==> flow/design.v <==
module ex_comparator_v2 #(
   parameter int WIDTH = 18,
   parameter int NUM = 7
) (
   input  logic i_clk,
   input  logic [NUM*WIDTH-1:0] in,
   output logic [WIDTH-1:0] max_o
);
   logic [NUM*WIDTH-1:0] in_r;
   wire [WIDTH-1:0] n_ [1:2*NUM-1];
   for (genvar gi = 0; gi < NUM; gi++) begin : lane
      assign n_[NUM+gi] = in_r[gi*WIDTH +: WIDTH];
   end
   for (genvar gi = 1; gi < NUM; gi++) begin : u_g
      assign n_[gi] = (n_[2*gi] > n_[2*gi+1]) ? n_[2*gi] : n_[2*gi+1];
   end
   assign max_o = n_[1];
   always_ff @(posedge i_clk)
      in_r <= in;
endmodule
Step by step through the tools: ex_comparator_v2
What the tools print for ex_comparator_v2, step after step. Line numbers count from 1 in the design file above. Cell names lack the library's common part. Not given: n/a

Design top: ex_comparator_v2. Clock port: i_clk. Cell library: sky130hd. Corner: tt_025C_1v80.

After elaboration
Counts by Yosys on the flattened word-level netlist (proc, flatten, opt, wreduce). Print and check cells are left out. Cells with the same type and inputs are merged into one.

For order comparisons the number is 6. For multiplexer cells the number is 6.

Operator list (count): > comparator 18 bit (6); 2-to-1 mux 18 bit (6).

Under bits of input ports stands 127. For cells after elaboration the number is 13. The entry for bits in registers reads 126. For output and inout port bits the number is 18.

Depth
Depth = most cells in a row (Yosys ltp): at word level without a register or memory, in the mapped netlist without a sequential cell, where the memories' decode and read muxes count.

For word-level depth the number is 6. The figure for ABC_AREA is 0. For depth in mapped cells the number is 29. Under depth with buffers taken out stands 25.

Mapped cells and area
Source: synth_stat.txt of the flow (Yosys; design flattened, memories mapped). It holds for the ABC_AREA given above (unset counts as 0); a run with the other value may have another netlist. The area totals of this step are shown rounded.

Cells by type (count): dfxtp_1 (126); ha_1 (108); mux2_2 (35); mux2i_1 (37); inv_1 (85); a21oi_1 (50); o221ai_1 (18); nand3b_1 (18); a21o_1 (16); nand4_1 (19); nor2_1 (28); nand2_1 (16); and4_1 (6); buf_8 (3); a211oi_1 (5); o21ai_0 (6); clkbuf_1 (7); nand3_1 (5).

Other cell types: 30; their cells: 47.

Under cell count stands 635. Under sequential part of the area stands 2500 um^2. The figure for flip-flop cells is 126. Cell area after synthesis: 6500 um^2.

Path before layout
Path of least setup slack by OpenSTA after synthesis, without wires, with an ideal clock, recovery checks aside; 20% of the period is set as input and as output delay. Where synthesis merged equal registers, the netlist keeps one of their names.

Path type: register to output. From: register in_r[41]. To: output port max_o[10]. For time at the first pin the number is 0.000 ns. The entry for delay of the path reads 5.388 ns. For clock period the number is 8.42 ns. Under external output delay stands 1.684 ns. The figure for stages on the path is 27. The figure for buffers on the path is 3. The figure for slack is 1.348 ns. Arrival: 5.388 ns. For synthesis period reached the number is 7.072 ns.

"delay of the path" is the arrival time less input delay plus setup time. A path that ends at an output port has no setup time. "stages on the path": output pins that drive a net of the path, with the launching flip-flop's if there is one; two outputs of one cell count as two. "synthesis period reached" is the clock period less the worst setup slack; recovery checks do not enter. This is arithmetic on one report: input and output delays are still those of the set period (20% each). Between the ends stands the longest chain of elaborated cells between them, by number of cells; it is not shown to be the way that was timed. Of several equally long chains one is given. A line is the first line of the expression or statement that the cell stems from. Yosys adds cells for indexed reads and writes and turns some case tables into memories.

Path through: dfxtp_1 > inv_1 > ha_1 > a21oi_1 > o21ai_1 > a2111o_1 > a22oi_4 > buf_6 > mux2_2 > ha_1 > a21o_1 > a21oi_1 > or3b_2 > a31oi_1 > o21bai_2 > clkbuf_1 > nor2_1 > a21oi_1 > ha_1 > nand4_1 > o21bai_1 > a21oi_1 > o41ai_1 > a21oi_2 > nand2_2 > buf_2 > o221ai_1. The entry for length of the longest elaborated chain reads 6. Under elaborated cells on any way between the ends stands 6. The figure for source lines of those cells is 1.

Ends and longest elaborated chain, after synthesis: start: declaration (RTL line 9) `logic [NUM*WIDTH-1:0] in_r;`; start: assignment (RTL line 19) `in_r <= in;`; > comparator 18 bit (RTL line 15) `assign n_[gi] = (n_[2*gi] > n_[2*gi+1]) ? n_[2*gi] : n_[2*gi+1];`; 2-to-1 mux 18 bit (RTL line 15); > comparator 18 bit (RTL line 15); 2-to-1 mux 18 bit (RTL line 15); > comparator 18 bit (RTL line 15); 2-to-1 mux 18 bit (RTL line 15); end: declaration (RTL line 7) `output logic [WIDTH-1:0] max_o`.

Path in the finished layout
From the final timing report of job 1: the path of least setup slack in the routed layout; clock arrival at registers is part of the times.

Path type: register to output. From: register in_r[41]. To: output port max_o[13]. Arrival: 6.56 ns. Under external output delay stands 1.68 ns. For time at the first pin the number is 0.41 ns. The figure for stages on the path is 26. The figure for slack is 0.18 ns. For clock period the number is 8.42 ns. The figure for buffers on the path is 3.

Between the ends stands the longest chain of elaborated cells between them, by number of cells; it is not shown to be the way that was timed. Of several equally long chains one is given.

Path through: dfxtp_1 > inv_1 > ha_1 > a21oi_1 > o21ai_1 > a2111o_1 > a22oi_4 > buf_4 > mux2_2 > ha_1 > nand4_1 > or3b_2 > a31oi_1 > o21bai_2 > buf_12 > nor2_1 > a21oi_1 > ha_1 > nand4_1 > o21bai_1 > a21oi_1 > o41ai_2 > a21oi_2 > nand2_4 > o221ai_1 > clkdlybuf4s50_1. The entry for length of the longest elaborated chain reads 6. Under elaborated cells on any way between the ends stands 6. The figure for source lines of those cells is 1.

Ends and longest elaborated chain, post-layout: start: declaration (RTL line 9) `logic [NUM*WIDTH-1:0] in_r;`; start: assignment (RTL line 19) `in_r <= in;`; > comparator 18 bit (RTL line 15) `assign n_[gi] = (n_[2*gi] > n_[2*gi+1]) ? n_[2*gi] : n_[2*gi+1];`; 2-to-1 mux 18 bit (RTL line 15); > comparator 18 bit (RTL line 15); 2-to-1 mux 18 bit (RTL line 15); > comparator 18 bit (RTL line 15); 2-to-1 mux 18 bit (RTL line 15); end: declaration (RTL line 7) `output logic [WIDTH-1:0] max_o`.

Subject: ex_comparator_v2 on sky130hd, stored results

Hello all,

Measured results for ex_comparator_v2: 3 stored runs of the Yosys and OpenROAD flow on sky130hd. The settings differ; the order carries no meaning. The constraints put input and output delay at 20% of the set period each and load the outputs with 0.01 pF. By "total power of the final layout" is meant OpenSTA's value without simulated activity: inputs other than the clock are taken to toggle once in ten clock periods, and the tool carries that through the logic. Results are given in rounded form.

Job 1 has these settings: period_ns 8.42; CAP_MARGIN 20; CORE_MARGIN 2; CORE_UTILIZATION 40; SLEW_MARGIN 20. The die area reads 17000 um^2. The setup slack of the worst path stands at 0.18 ns. The setup total negative slack stands at 0.000 ns. The total power of the final layout stands at 0.0021 W. The measured netlist area reported by Yosys is 6500 um^2. For the final worst hold slack the run shows 1.7 ns. The post-route utilization stands at 56%.

Job 2 has these settings: period_ns 9.77; CORE_UTILIZATION 46; PLACE_DENSITY_LB_ADDON 0.17; TNS_END_PERCENT 35; ABC_AREA 1; GPL_TIMING_DRIVEN 1; MAX_ROUTING_LAYER met4; CAP_MARGIN 20; CORE_MARGIN 2; SLEW_MARGIN 20. The setup total negative slack stands at 0.000 ns. The post-route utilization stands at 61%. The measured netlist area reported by Yosys is 7400 um^2. The setup slack of the worst path stands at 1.4 ns. For the final worst hold slack the run shows 2.0 ns. The total power of the final layout stands at 0.0019 W. The die area reads 17000 um^2.

Job 3 has these settings: period_ns 11.5; CORE_UTILIZATION 24; SETUP_SLACK_MARGIN 1.29; PLACE_DENSITY_LB_ADDON 0.27; TNS_END_PERCENT 55; ABC_AREA 0; CTS_CLUSTER_SIZE 47; CTS_CLUSTER_DIAMETER 59; SLEW_MARGIN 15; CAP_MARGIN 20; CORE_MARGIN 2. For the final worst hold slack the run shows 2.3 ns. The setup slack of the worst path stands at 1.9 ns. The post-route utilization stands at 33%. The measured netlist area reported by Yosys is 6500 um^2. The setup total negative slack stands at 0.000 ns. The total power of the final layout stands at 0.0015 W. The die area reads 29000 um^2.

Thanks
